==> flow/design.v <==
module sync_as_core_n #(
  parameter int WIDTH = 6
) (
  input  logic aclk,
  input  logic adv,
  input  logic [WIDTH-1:0] in0,
  input  logic [WIDTH-1:0] in1,
  output logic [WIDTH:0] res,
  output logic [WIDTH:0] result
);
  logic [WIDTH-1:0] in0_ff;
  logic [WIDTH-1:0] in1_ff;
  always_ff @(posedge aclk) begin
    if (adv) begin
      in0_ff <= in0;
      in1_ff <= in1;
      res <= in0_ff + in1_ff;
      result <= in0_ff - in1_ff;
    end
  end
endmodule
=== Tool chain data of sync_as_core_n ===
What the tools print for sync_as_core_n, step after step.
Lines are those of the file above, counted from 1.
Not given: -

* Design top: sync_as_core_n
* Clock input: aclk
* Standard-cell library: sky130hd
* Corner: tt_025C_1v80

=== Word-level counts ===
Source: Yosys, flattened and elaborated, memories not mapped. Widths are those after wreduce; folded enables and synchronous resets count as part of the registers. Registers that Yosys merges into a memory's read port (data or address) are not register bits. Print and check cells do not count. Equal cells are merged and count once.

* Register bits after elaboration: 26
* Input bits: 14
* Output and inout bits: 14
* Elaborated cells: 6

* Add/sub/neg operators: 2

{| class="wikitable"
|+ Operators with widths
! kind !! count
|-
| adder 6 x 6 -> 7 bit || 1
|-
| subtractor 6 x 6 -> 7 bit || 1
|}

=== Longest topological paths ===
Yosys ltp: most cells in a row. Word level: on the elaborated netlist, between registers, memories and ports. Mapped: between sequential cells and ports; inverters and the memories' decode and read muxes count.

* Depth after elaboration: 1
* ABC_AREA: 0
* Mapped depth: 7
* Mapped depth without buffers: 7

=== Netlist ===
Yosys stat after the flow's synthesis: flattened, memories mapped to cells. It holds for the ABC_AREA given above (unset counts as 0); a run with the other value may have another netlist.

{| class="wikitable"
|+ Cells by type
! cell type !! count !! area in all (sq um)
|-
| sky130_fd_sc_hd__edfxtp_1 || 25 || 750.72
|-
| sky130_fd_sc_hd__ha_1 || 12 || 150.144
|-
| sky130_fd_sc_hd__inv_1 || 15 || 56.304
|-
| sky130_fd_sc_hd__fa_1 || 2 || 40.038
|-
| sky130_fd_sc_hd__xor2_1 || 3 || 26.275
|-
| sky130_fd_sc_hd__a21oi_1 || 5 || 25.024
|-
| sky130_fd_sc_hd__nor2_1 || 6 || 22.522
|-
| sky130_fd_sc_hd__o21ai_0 || 4 || 20.019
|-
| sky130_fd_sc_hd__nor2b_1 || 3 || 18.768
|-
| sky130_fd_sc_hd__a2111oi_2 || 1 || 15.014
|-
| sky130_fd_sc_hd__mux2_4 || 1 || 15.014
|-
| sky130_fd_sc_hd__nor3_1 || 3 || 15.014
|-
| sky130_fd_sc_hd__o21a_1 || 2 || 15.014
|-
| sky130_fd_sc_hd__buf_6 || 1 || 11.261
|-
| sky130_fd_sc_hd__a221o_1 || 1 || 10.01
|-
| sky130_fd_sc_hd__mux2i_1 || 1 || 10.01
|-
| sky130_fd_sc_hd__a221oi_1 || 1 || 8.758
|-
| sky130_fd_sc_hd__o31a_1 || 1 || 8.758
|}

Other cell types: 9; their cells: 9.

* Cell count: 96
* Mapped area: 1278.7 sq um
* Sequential area: 750.7 sq um
* Flip-flops: 25
* Buffer cells: 3

=== Path before layout ===
Source: OpenSTA report_checks on the synthesized netlist (no wires, ideal clock, input and output delay 20% of the period each), path of least setup slack; recovery checks are left aside. Register names are those of the netlist, which keeps one name where synthesis merged equal registers.

* Path type: register -> register
* Start: register in0_ff[1]
* End: register res[5]
* Clock period: 2.42 ns
* Library setup time: 0.190 ns
* Launch time at the first pin: 0.000 ns
* Arrival: 1.743 ns
* Required time: 2.230 ns
* Setup slack: 0.486 ns
* Delay of the path: 1.933 ns
* Stages: 6
* Buffers on the path: 0
* Period reached after synthesis: 1.934 ns

"delay of the path" is the arrival time less input delay plus setup time.
"stages" counts driving pins, that of a launching flip-flop among them; a cell with two outputs on the path counts twice.
"period reached after synthesis" is the clock period less the worst setup slack; recovery checks do not enter. This is arithmetic on one report: input and output delays are still those of the set period (20% each).
Between the ends stands the longest chain of elaborated cells between them, by number of cells; it is not shown to be the way that was timed. Of several equally long chains one is given.
A line is the first line of the expression or statement that the cell stems from. Yosys adds cells for indexed reads and writes and turns some case tables into memories.

* Path through: sky130_fd_sc_hd__edfxtp_1 > sky130_fd_sc_hd__ha_1 > sky130_fd_sc_hd__nand2b_1 > sky130_fd_sc_hd__a221o_1 > sky130_fd_sc_hd__mux2_4 > sky130_fd_sc_hd__a2111oi_2
* Cells in the longest elaborated chain: 1
* Elaborated cells between the ends (all ways): 1
* Source lines of those cells: 1
* Classes of those cells: 1 x add/sub

{| class="wikitable"
|+ RTL lines, path after synthesis
! item !! line !! RTL
|-
| from (decl) || 11 || <nowiki>logic [WIDTH-1:0] in0_ff;</nowiki>
|-
| from (assign) || 15 || <nowiki>in0_ff <= in0;</nowiki>
|-
| adder 6 x 6 -> 7 bit || 17 || <nowiki>res <= in0_ff + in1_ff;</nowiki>
|-
| to (assign) || 17 ||
|-
| to (decl) || 8 || <nowiki>output logic [WIDTH:0] res,</nowiki>
|}

=== Worst path after layout ===
From the final timing report of entry A: the path of least setup slack in the routed layout; clock arrival at registers is part of the times.

* Path type: register -> register
* Start: register in0_ff[1]
* End: register res[5]
* Clock period: 3.02 ns
* Library setup time: 0.18 ns
* Launch time at the first pin: 0.26 ns
* Arrival: 2.14 ns
* Required time: 3.09 ns
* Setup slack: 0.95 ns
* Stages: 6
* Buffers on the path: 0

Between the ends stands the longest chain of elaborated cells between them, by number of cells; it is not shown to be the way that was timed. Of several equally long chains one is given.

* Path through: sky130_fd_sc_hd__edfxtp_1 > sky130_fd_sc_hd__ha_1 > sky130_fd_sc_hd__nand2b_1 > sky130_fd_sc_hd__a221o_1 > sky130_fd_sc_hd__mux2_4 > sky130_fd_sc_hd__a2111oi_2
* Cells in the longest elaborated chain: 1
* Elaborated cells between the ends (all ways): 1
* Source lines of those cells: 1
* Classes of those cells: 1 x add/sub

{| class="wikitable"
|+ RTL lines, path post-layout
! item !! line !! RTL
|-
| from (decl) || 11 || <nowiki>logic [WIDTH-1:0] in0_ff;</nowiki>
|-
| from (assign) || 15 || <nowiki>in0_ff <= in0;</nowiki>
|-
| adder 6 x 6 -> 7 bit || 17 || <nowiki>res <= in0_ff + in1_ff;</nowiki>
|-
| to (assign) || 17 ||
|-
| to (decl) || 8 || <nowiki>output logic [WIDTH:0] res,</nowiki>
|}

Subject: flow runs of sync_as_core_n

Hi,

Measured data: module sync_as_core_n, platform sky130hd, 3 stored runs of the flow under differing settings, order arbitrary. Input and output delays are each 20% of the period that was set; the output load is 0.01 pF.
By "period achieved" is meant the clock period of the run minus its worst setup slack. This is arithmetic on one report: input and output delays are still those of the set period (20% each).
"worst path time" means the part of the period allowed to the worst setup path (the constraints hold back 20% at inputs and 20% at outputs) less its slack; where the path has registers, the arrival times of their clocks count too.
"total power after layout" is the tool's figure for a default switching activity; nothing was simulated.

=== Entry A ===
{| class="wikitable"
! Setting !! Value
|-
| period_ns || 3.02
|-
| CORE_UTILIZATION || 22
|-
| SETUP_SLACK_MARGIN || 0.23
|-
| PLACE_DENSITY_LB_ADDON || 0.1
|-
| CELL_PAD_IN_SITES_DETAIL_PLACEMENT || 1
|-
| ABC_AREA || 0
|-
| GPL_TIMING_DRIVEN || 0
|-
| CTS_CLUSTER_SIZE || 21
|-
| SLEW_MARGIN || 30
|-
| CAP_MARGIN || 20
|-
| CORE_MARGIN || 2
|-
! Result !! Value
|-
| Cell area after synthesis || 1278.7 sq um
|-
| Die area || 6438.5 sq um
|-
| Standard-cell area after routing || 1679.1 sq um
|-
| Utilization in the final report || 30.1 %
|-
| Setup slack of the critical path || 0.953 ns
|-
| Post-route setup TNS || 0.000 ns
|-
| Post-route worst hold slack || 0.689 ns
|-
| Total power after layout || 0.8807 mW
|-
| Period achieved || 2.067 ns
|-
| Worst path time || 2.07 ns
|-
| Kind of the worst setup path || register -> register
|}

=== Entry B ===
{| class="wikitable"
! Setting !! Value
|-
| period_ns || 2.42
|-
| CAP_MARGIN || 20
|-
| CORE_MARGIN || 2
|-
| CORE_UTILIZATION || 40
|-
| SLEW_MARGIN || 20
|-
! Result !! Value
|-
| Cell area after synthesis || 1278.7 sq um
|-
| Die area || 3665.1 sq um
|-
| Standard-cell area after routing || 1615.3 sq um
|-
| Utilization in the final report || 52.9 %
|-
| Setup slack of the critical path || 0.346 ns
|-
| Post-route setup TNS || 0.000 ns
|-
| Post-route worst hold slack || 0.703 ns
|-
| Total power after layout || 1.032 mW
|-
| Period achieved || 2.074 ns
|-
| Worst path time || 2.07 ns
|-
| Kind of the worst setup path || register -> register
|}

=== Entry C ===
{| class="wikitable"
! Setting !! Value
|-
| period_ns || 2.43
|-
| CORE_UTILIZATION || 40
|-
| SETUP_SLACK_MARGIN || 0.66
|-
| PLACE_DENSITY_LB_ADDON || 0.08
|-
| CORE_MARGIN || 6
|-
| TNS_END_PERCENT || 30
|-
| CAP_MARGIN || 0
|-
| MAX_ROUTING_LAYER || met5
|-
| SLEW_MARGIN || 20
|-
! Result !! Value
|-
| Cell area after synthesis || 1278.7 sq um
|-
| Die area || 4697.7 sq um
|-
| Standard-cell area after routing || 1700.4 sq um
|-
| Utilization in the final report || 59.1 %
|-
| Setup slack of the critical path || 0.575 ns
|-
| Post-route setup TNS || 0.000 ns
|-
| Post-route worst hold slack || 0.699 ns
|-
| Total power after layout || 1.064 mW
|-
| Period achieved || 1.855 ns
|-
| Worst path time || 1.85 ns
|-
| Kind of the worst setup path || register -> register
|}

Regards
